==> flow/design.v <==
module dp_relation_v2 #(
  parameter DW = 10
) (
  input  wire CLK,
  input  wire i_rst_n,
  input  wire [DW-1:0] dataa,
  input  wire [DW-1:0] datab,
  output wire is_gt
);
  reg [DW-1:0] dataa_ff;
  always @(posedge CLK or negedge i_rst_n) begin
    if (~i_rst_n) begin
      dataa_ff <= 0;
    end else begin
      dataa_ff <= dataa;
    end
  end
  reg [DW-1:0] datab_ff;
  always @(posedge CLK or negedge i_rst_n) begin
    if (~i_rst_n) begin
      datab_ff <= 0;
    end else begin
      datab_ff <= datab;
    end
  end
  wire [DW:0] cc;
  assign cc[0] = 1'b0;
  genvar g;
  generate
    for (g = 0; g < DW; g = g + 1) begin : blk
      assign cc[g+1] = (dataa_ff[g] ^ datab_ff[g]) ? dataa_ff[g] : cc[g];
    end
  endgenerate
  assign is_gt = cc[DW];
endmodule
Reports on dp_relation_v2. The steps from the RTL of dp_relation_v2 to its reports follow in flow order. Line numbers count from 1 in the design file above. Operators: Yosys type, input widths -> output width; for muxes data width and select width s. Cell names lack the library's common part. A cell with -- has no value.

Top module: dp_relation_v2. Clock port: CLK. Cell library: sky130hd. Corner: tt_025C_1v80.

Word level. Source: Yosys, flattened and elaborated, memories not mapped. Widths are those after wreduce; folded enables and synchronous resets count as part of the registers. Registers that Yosys merges into a memory's read port (data or address) are not register bits. Print and check cells do not count. Equal cells are merged and count once.

Under bits in registers stands 20. Input bits: 22. For output and inout port bits the number is 1. Elaborated cells: 22.

The entry for multiplexer cells reads 10. The figure for bitwise operators is 10.

Operator list (count): $xor 1x1->1 (10); $mux 1 (10).

Logic depth. Longest topological path by Yosys (ltp), each cell counted once; first at word level (registers and memories cut), then after technology mapping (sequential cells cut; the memories' decode and read muxes count).

For depth in word-level cells the number is 11. ABC_AREA: 0. The figure for gate-level depth with buffers is 4. Gate-level depth less buffers: 4.

Mapped cells and area. Source: synth_stat.txt of the flow (Yosys; design flattened, memories mapped). It holds for the ABC_AREA given above (unset counts as 0); a run with the other value may have another netlist.

The entry for standard cells after synthesis reads 47. The figure for chip area (Yosys) is 686.9 µm². Under sequential area stands 500.5 µm². Flip-flop cells: 20. For buffers the number is 0.

Cells by type: dfrtp_1 (count 20, area in all 500.48 µm²); maj3_1 (count 4, area in all 40.038 µm²); nand2b_1 (count 5, area in all 31.28 µm²); inv_1 (count 7, area in all 26.275 µm²); a211oi_2 (count 1, area in all 12.512 µm²); nor2b_1 (count 2, area in all 12.512 µm²); a222oi_1 (count 1, area in all 10.01 µm²); a22o_1 (count 1, area in all 8.758 µm²); and2b_2 (count 1, area in all 8.758 µm²); o221ai_1 (count 1, area in all 8.758 µm²); or3b_1 (count 1, area in all 8.758 µm²); nand3b_1 (count 1, area in all 7.507 µm²); nand4_1 (count 1, area in all 6.256 µm²); a21oi_1 (count 1, area in all 5.005 µm²).

Timing after synthesis. OpenSTA on the mapped netlist: ideal clock, no wires. The path of least setup slack (recovery checks aside). Input and output delay are each 20% of the period. Register names are those of the netlist, which keeps one name where synthesis merged equal registers.

Kind: register -> output. From: register datab_ff[8]. To: output is_gt. The entry for clock period reads 1.81 ns. The figure for external output delay is 0.362 ns. The figure for time at the first pin is 0.000 ns. The figure for arrival is 1.156 ns. The entry for data required time reads 1.448 ns. Path slack: 0.292 ns. The entry for path delay reads 1.156 ns. The figure for stages is 5. Buffers on the path: 0. The entry for period reached after synthesis reads 1.518 ns.

"path delay" is the arrival time less input delay plus setup time. At an output port there is no setup time. "stages" counts driving pins, that of a launching flip-flop among them; a cell with two outputs on the path counts twice. "period reached after synthesis" is the clock period less the worst setup slack; recovery checks do not enter. This is arithmetic on one report: input and output delays are still those of the set period (20% each). Between the ends stands the longest chain of elaborated cells between them, by number of cells; it is not shown to be the way that was timed. Of several equally long chains one is given. Each line given opens the expression or statement behind the cell; cells for indexed reads and writes are added by Yosys, which also makes memories of some case tables.

Cell sequence: dfrtp_1 -> or3b_1 -> nand4_1 -> nor2b_1 -> a211oi_2. The entry for cells in the longest elaborated chain reads 3. Elaborated cells between the ends (all ways): 3. Under source lines of those cells stands 1. Those cells by class: mux (2); logic (1).

Ends and longest elaborated chain, after synthesis: from (decl) (RTL line 18) `reg [DW-1:0] datab_ff;`; from (assign) (RTL line 21) `datab_ff <= 0;`; from (assign) (RTL line 23) `datab_ff <= datab;`; $xor 1x1->1 (RTL line 31) `assign cc[g+1] = (dataa_ff[g] ^ datab_ff[g]) ? dataa_ff[g] : cc[g];`; $mux 1 x2 (RTL line 31); to (decl) (RTL line 8) `output wire is_gt`.

Path in the finished layout. From the final timing report of flow run B: the path of least setup slack in the routed layout; clock arrival at registers is part of the times.

Kind: register -> output. From: register dataa_ff[5]. To: output is_gt. The entry for clock period reads 1.81 ns. The figure for external output delay is 0.36 ns. The figure for time at the first pin is 0.29 ns. The figure for arrival is 1.54 ns. The entry for data required time reads 1.45 ns. Path slack: -0.09 ns. The figure for stages is 6. Buffers on the path: 1.

Between the ends stands the longest chain of elaborated cells between them, by number of cells; it is not shown to be the way that was timed. Of several equally long chains one is given.

Cell sequence: dfrtp_1 -> nand2b_1 -> maj3_1 -> a21oi_1 -> a211oi_2 -> buf_2. The entry for cells in the longest elaborated chain reads 6. Elaborated cells between the ends (all ways): 6. Under source lines of those cells stands 1. Those cells by class: mux (5); logic (1).

Ends and longest elaborated chain, after layout: from (decl) (RTL line 10) `reg [DW-1:0] dataa_ff;`; from (assign) (RTL line 13) `dataa_ff <= 0;`; from (assign) (RTL line 15) `dataa_ff <= dataa;`; $xor 1x1->1 (RTL line 31) `assign cc[g+1] = (dataa_ff[g] ^ datab_ff[g]) ? dataa_ff[g] : cc[g];`; $mux 1 x5 (RTL line 31); to (decl) (RTL line 8) `output wire is_gt`.

dp_relation_v2 through Yosys and OpenROAD on sky130hd: 3 stored runs, unordered, with their settings and measured results. The constraints put input and output delay at 20% of the set period each and load the outputs with 0.01 pF. "critical path time" = time allowed to the worst setup path (clock period - input delay - output delay, where it has them) - its slack; a late launch clock adds to it, a late capture clock takes from it.

Flow run A has these settings: period_ns 1.43; CORE_UTILIZATION 64; CELL_PAD_IN_SITES_GLOBAL_PLACEMENT 0; ABC_AREA 0; CAP_MARGIN 40; MAX_ROUTING_LAYER met5; CORE_MARGIN 2; SLEW_MARGIN 20. Outcome: incomplete, clock tree synthesis halted on DPL-0038.

Flow run B has these settings: period_ns 1.81; CAP_MARGIN 20; CORE_MARGIN 2; CORE_UTILIZATION 40; SLEW_MARGIN 20. The post-synthesis cell area stands at 686.9 µm². The die footprint comes to 2064.8 µm². The measured standard-cell area after layout is 1012.2 µm². The post-route utilization comes to 64.9%. The setup slack of the critical path stands at -0.094 ns. The total negative slack on setup checks comes to -0.094 ns. The critical path time stands at 1.54 ns. Worst setup path type: register -> output.

Flow run C has these settings: period_ns 1.24; CORE_UTILIZATION 55; SETUP_SLACK_MARGIN -0.04; PLACE_DENSITY_LB_ADDON 0.28; CORE_ASPECT_RATIO 1.46; CORE_MARGIN 3; CELL_PAD_IN_SITES_DETAIL_PLACEMENT 2; GPL_TIMING_DRIVEN 0; GPL_ROUTABILITY_DRIVEN 1; CTS_CLUSTER_DIAMETER 83; MAX_ROUTING_LAYER met5; CAP_MARGIN 20; SLEW_MARGIN 20. Outcome: incomplete, placement halted on DPL-0033.
